==> flow/design.v <==
module core_shift_unit_p (clk, ch, sa, o);
    parameter XLEN = 20;
    localparam LG = $clog2(XLEN);
    input clk;
    input signed [XLEN-1:0] ch;
    input [LG-1:0] sa;
    output [XLEN-1:0] o;
    reg signed [XLEN-1:0] ch_q;
    reg [LG-1:0] sa_q;
    always @(posedge clk) begin
        ch_q <= ch;
        sa_q <= sa;
    end
    assign o = ch_q >>> sa_q;
endmodule
== Step by step through the tools: core_shift_unit_p ==
What the tools print for core_shift_unit_p, step after step.
Line numbers count from 1 in the design file above.
Cell names lack the library's common part.
A cell with n/a has no value.

* Top module: core_shift_unit_p
* Clock: clk
* Library: sky130hd
* Timing corner: tt_025C_1v80

== After elaboration ==
Yosys after proc, flatten, opt, wreduce and memory -nomap, before mapping. Enables and synchronous resets that opt folds into registers are not counted as muxes. Memory bits, and registers merged into a memory's read port (data or address), are not among the register bits. Print and check cells are not counted. Equal cells are merged and count once.

* Register bits: 25
* Latch bits: 0
* RAM bits: 0
* ROM bits: 0
* Clocked read ports x word width: 0
* Memories: 0
* Bits of input ports: 26
* Output and inout port bits: 20

* Add/sub/neg operators: 0
* Multipliers: 0
* Divide/modulo/power cells: 0
* Order comparisons: 0
* Equality and inequality tests: 0
* Shifts and indexed selects: 1
* Multiplexer cells: 0
* Bitwise logic cells: 0
* Reductions and logical operators: 0

{| class="wikitable"
|+ Operators with widths
! cell !! number
|-
| >>> shifter 20 x 5 -> 20 bit || 1
|}

== Longest topological paths ==
Longest topological path by Yosys (ltp), each cell counted once; first at word level (registers and memories cut), then after technology mapping (sequential cells cut; the memories' decode and read muxes count).

* Depth after elaboration: 1
* ABC_AREA: 0
* Depth in mapped cells: 7
* Mapped depth without buffers: 4

== Netlist ==
The flow's flattened synthesis, as Yosys stat reports it; memories are mapped. The netlist is that of the ABC_AREA named above (0 if unset); the other value can give another one.
Totals and module areas in this step are rounded.

{| class="wikitable"
|+ Cells by type
! type !! number
|-
| dfxtp_1 || 25
|-
| mux2i_1 || 26
|-
| mux4_2 || 10
|-
| mux4_1 || 5
|-
| mux2_2 || 5
|-
| a21oi_1 || 10
|-
| nor2_1 || 10
|-
| nand2_1 || 9
|-
| buf_2 || 6
|-
| buf_6 || 2
|-
| buf_12 || 1
|-
| o21ai_0 || 4
|-
| a22o_1 || 2
|-
| o221ai_1 || 2
|-
| o311ai_2 || 1
|-
| buf_8 || 1
|-
| clkbuf_1 || 4
|-
| mux2_4 || 1
|}

Other cell types: 24; their cells: 31.

* Standard cells after synthesis: 155
* Chip area (Yosys): 1690 um2
* Area of sequential cells: 500 um2
* Mapped flip-flops: 25

== Path before layout ==
OpenSTA on the mapped netlist: ideal clock, no wires. The path of least setup slack (recovery checks aside). Input and output delay are each 20% of the period. Register names are those of the netlist, which keeps one name where synthesis merged equal registers.

* Path type: register -> output
* From: register sa_q[0]
* To: output o[0]
* Clock period: 2480 ps
* External output delay: 496 ps
* Time at the first pin: 0 ps
* Arrival time: 1584 ps
* Path slack: 400 ps
* Delay of the path: 1584 ps
* Stages: 7
* Path buffers: 3
* Period reached after synthesis: 2080 ps

"delay of the path" = arrival - input delay + setup time.
At an output port there is no setup time.
"stages" counts driving pins, that of a launching flip-flop among them; a cell with two outputs on the path counts twice.
"period reached after synthesis" = period - worst setup slack (recovery checks aside). The figure is calculated, with input and output delays left at 20% of the set period.
The rows between start and end are the longest chain of elaborated cells between them; the timing report does not say that the signal goes this way. Where chains are equally long, one stands for them.
A line is the first line of the expression or statement that the cell stems from. Yosys adds cells for indexed reads and writes and turns some case tables into memories.

* Cell sequence: dfxtp_1 > buf_2 > buf_6 > buf_2 > mux4_2 > a211oi_1 > o211ai_1
* Length of the longest elaborated chain: 1
* Elaborated cells between the ends (all ways): 1

{| class="wikitable"
|+ RTL lines, path post-synthesis
! item !! RTL line !! source
|-
| from (decl) || 9 || <nowiki>reg [LG-1:0] sa_q;</nowiki>
|-
| from (assign) || 12 || <nowiki>sa_q <= sa;</nowiki>
|-
| >>> shifter 20 x 5 -> 20 bit || 14 || <nowiki>assign o = ch_q >>> sa_q;</nowiki>
|-
| to (decl) || 7 || <nowiki>output [XLEN-1:0] o;</nowiki>
|}

== Path in the finished layout ==
From the final timing report of flow run 2: the path of least setup slack in the routed layout; clock arrival at registers is part of the times.
The path's times are printed in steps of 10 ps; the period is the one set.

* Path type: register -> output
* From: register sa_q[1]
* To: output o[2]
* Clock period: 2480 ps
* External output delay: 500 ps
* Time at the first pin: 270 ps
* Arrival time: 2010 ps
* Path slack: -20 ps
* Stages: 7
* Path buffers: 2

The rows between start and end are the longest chain of elaborated cells between them; the timing report does not say that the signal goes this way. Where chains are equally long, one stands for them.

* Cell sequence: dfxtp_4 > buf_12 > mux4_2 > mux2_4 > o211ai_2 > o21ai_1 > buf_2
* Length of the longest elaborated chain: 1
* Elaborated cells between the ends (all ways): 1

{| class="wikitable"
|+ RTL lines, path post-layout
! item !! RTL line !! source
|-
| from (decl) || 9 || <nowiki>reg [LG-1:0] sa_q;</nowiki>
|-
| from (assign) || 12 || <nowiki>sa_q <= sa;</nowiki>
|-
| >>> shifter 20 x 5 -> 20 bit || 14 || <nowiki>assign o = ch_q >>> sa_q;</nowiki>
|-
| to (decl) || 7 || <nowiki>output [XLEN-1:0] o;</nowiki>
|}

Data sheet: physical implementation of core_shift_unit_p

Stored flow runs of core_shift_unit_p (3 of them; Yosys, OpenROAD, sky130hd). They differ in their settings and are not a sequence. Constraints: input delay and output delay 20% of the set period each, output load 0.01 pF.
"period reached" = clock period - worst setup slack. The figure is calculated, with input and output delays left at 20% of the set period.
By "critical setup path time" is meant the share of the clock period that the worst setup path is allowed (20% is reserved at inputs, 20% at outputs), minus its slack. Clock arrival times at its registers enter into it.
"overall power" rests on the timing tool's default activity at the inputs, not on a simulated workload.
"critical setup path time" is given in steps of 10 ps.
The results are shown rounded.

=== Flow run 1 ===
{| class="wikitable"
! Setting !! Value
|-
| period_ns || 2.42
|-
| CORE_UTILIZATION || 63
|-
| CORE_MARGIN || 2
|-
| CELL_PAD_IN_SITES_GLOBAL_PLACEMENT || 0
|-
| CELL_PAD_IN_SITES_DETAIL_PLACEMENT || 0
|-
| TNS_END_PERCENT || 70
|-
| GPL_TIMING_DRIVEN || 0
|-
| MAX_ROUTING_LAYER || met5
|-
| CAP_MARGIN || 20
|-
| SLEW_MARGIN || 20
|}
Stopped before the end: routing reported DPL-0038.

=== Flow run 2 ===
{| class="wikitable"
! Setting !! Value
|-
| period_ns || 2.48
|-
| CAP_MARGIN || 20
|-
| CORE_MARGIN || 2
|-
| CORE_UTILIZATION || 40
|-
| SLEW_MARGIN || 20
|-
! Result !! Value
|-
| Area of the synthesized netlist || 1690 um2
|-
| Overall die area || 4770 um2
|-
| Standard-cell area of the final layout || 2530 um2
|-
| Utilization in the final report || 62.8%
|-
| Lowest setup slack || -21 ps
|-
| Setup total negative slack || -35 ps
|-
| Worst hold slack after layout || 655 ps
|-
| Overall power || 1.10 mW
|-
| Period reached || 2501 ps
|-
| Critical setup path time || 2010 ps
|-
| Worst setup path type || register -> output
|}

=== Flow run 3 ===
{| class="wikitable"
! Setting !! Value
|-
| period_ns || 3.72
|-
| CORE_UTILIZATION || 44
|-
| PLACE_DENSITY_LB_ADDON || 0.09
|-
| CELL_PAD_IN_SITES_DETAIL_PLACEMENT || 1
|-
| CTS_CLUSTER_SIZE || 40
|-
| CTS_CLUSTER_DIAMETER || 95
|-
| CAP_MARGIN || 20
|-
| MAX_ROUTING_LAYER || met5
|-
| CORE_MARGIN || 2
|-
| SLEW_MARGIN || 20
|-
! Result !! Value
|-
| Area of the synthesized netlist || 1690 um2
|-
| Overall die area || 4360 um2
|-
| Standard-cell area of the final layout || 2180 um2
|-
| Utilization in the final report || 59.1%
|-
| Lowest setup slack || 197 ps
|-
| Setup total negative slack || 0 ps
|-
| Worst hold slack after layout || 909 ps
|-
| Overall power || 0.689 mW
|-
| Period reached || 3523 ps
|-
| Critical setup path time || 2780 ps
|-
| Worst setup path type || register -> output
|}
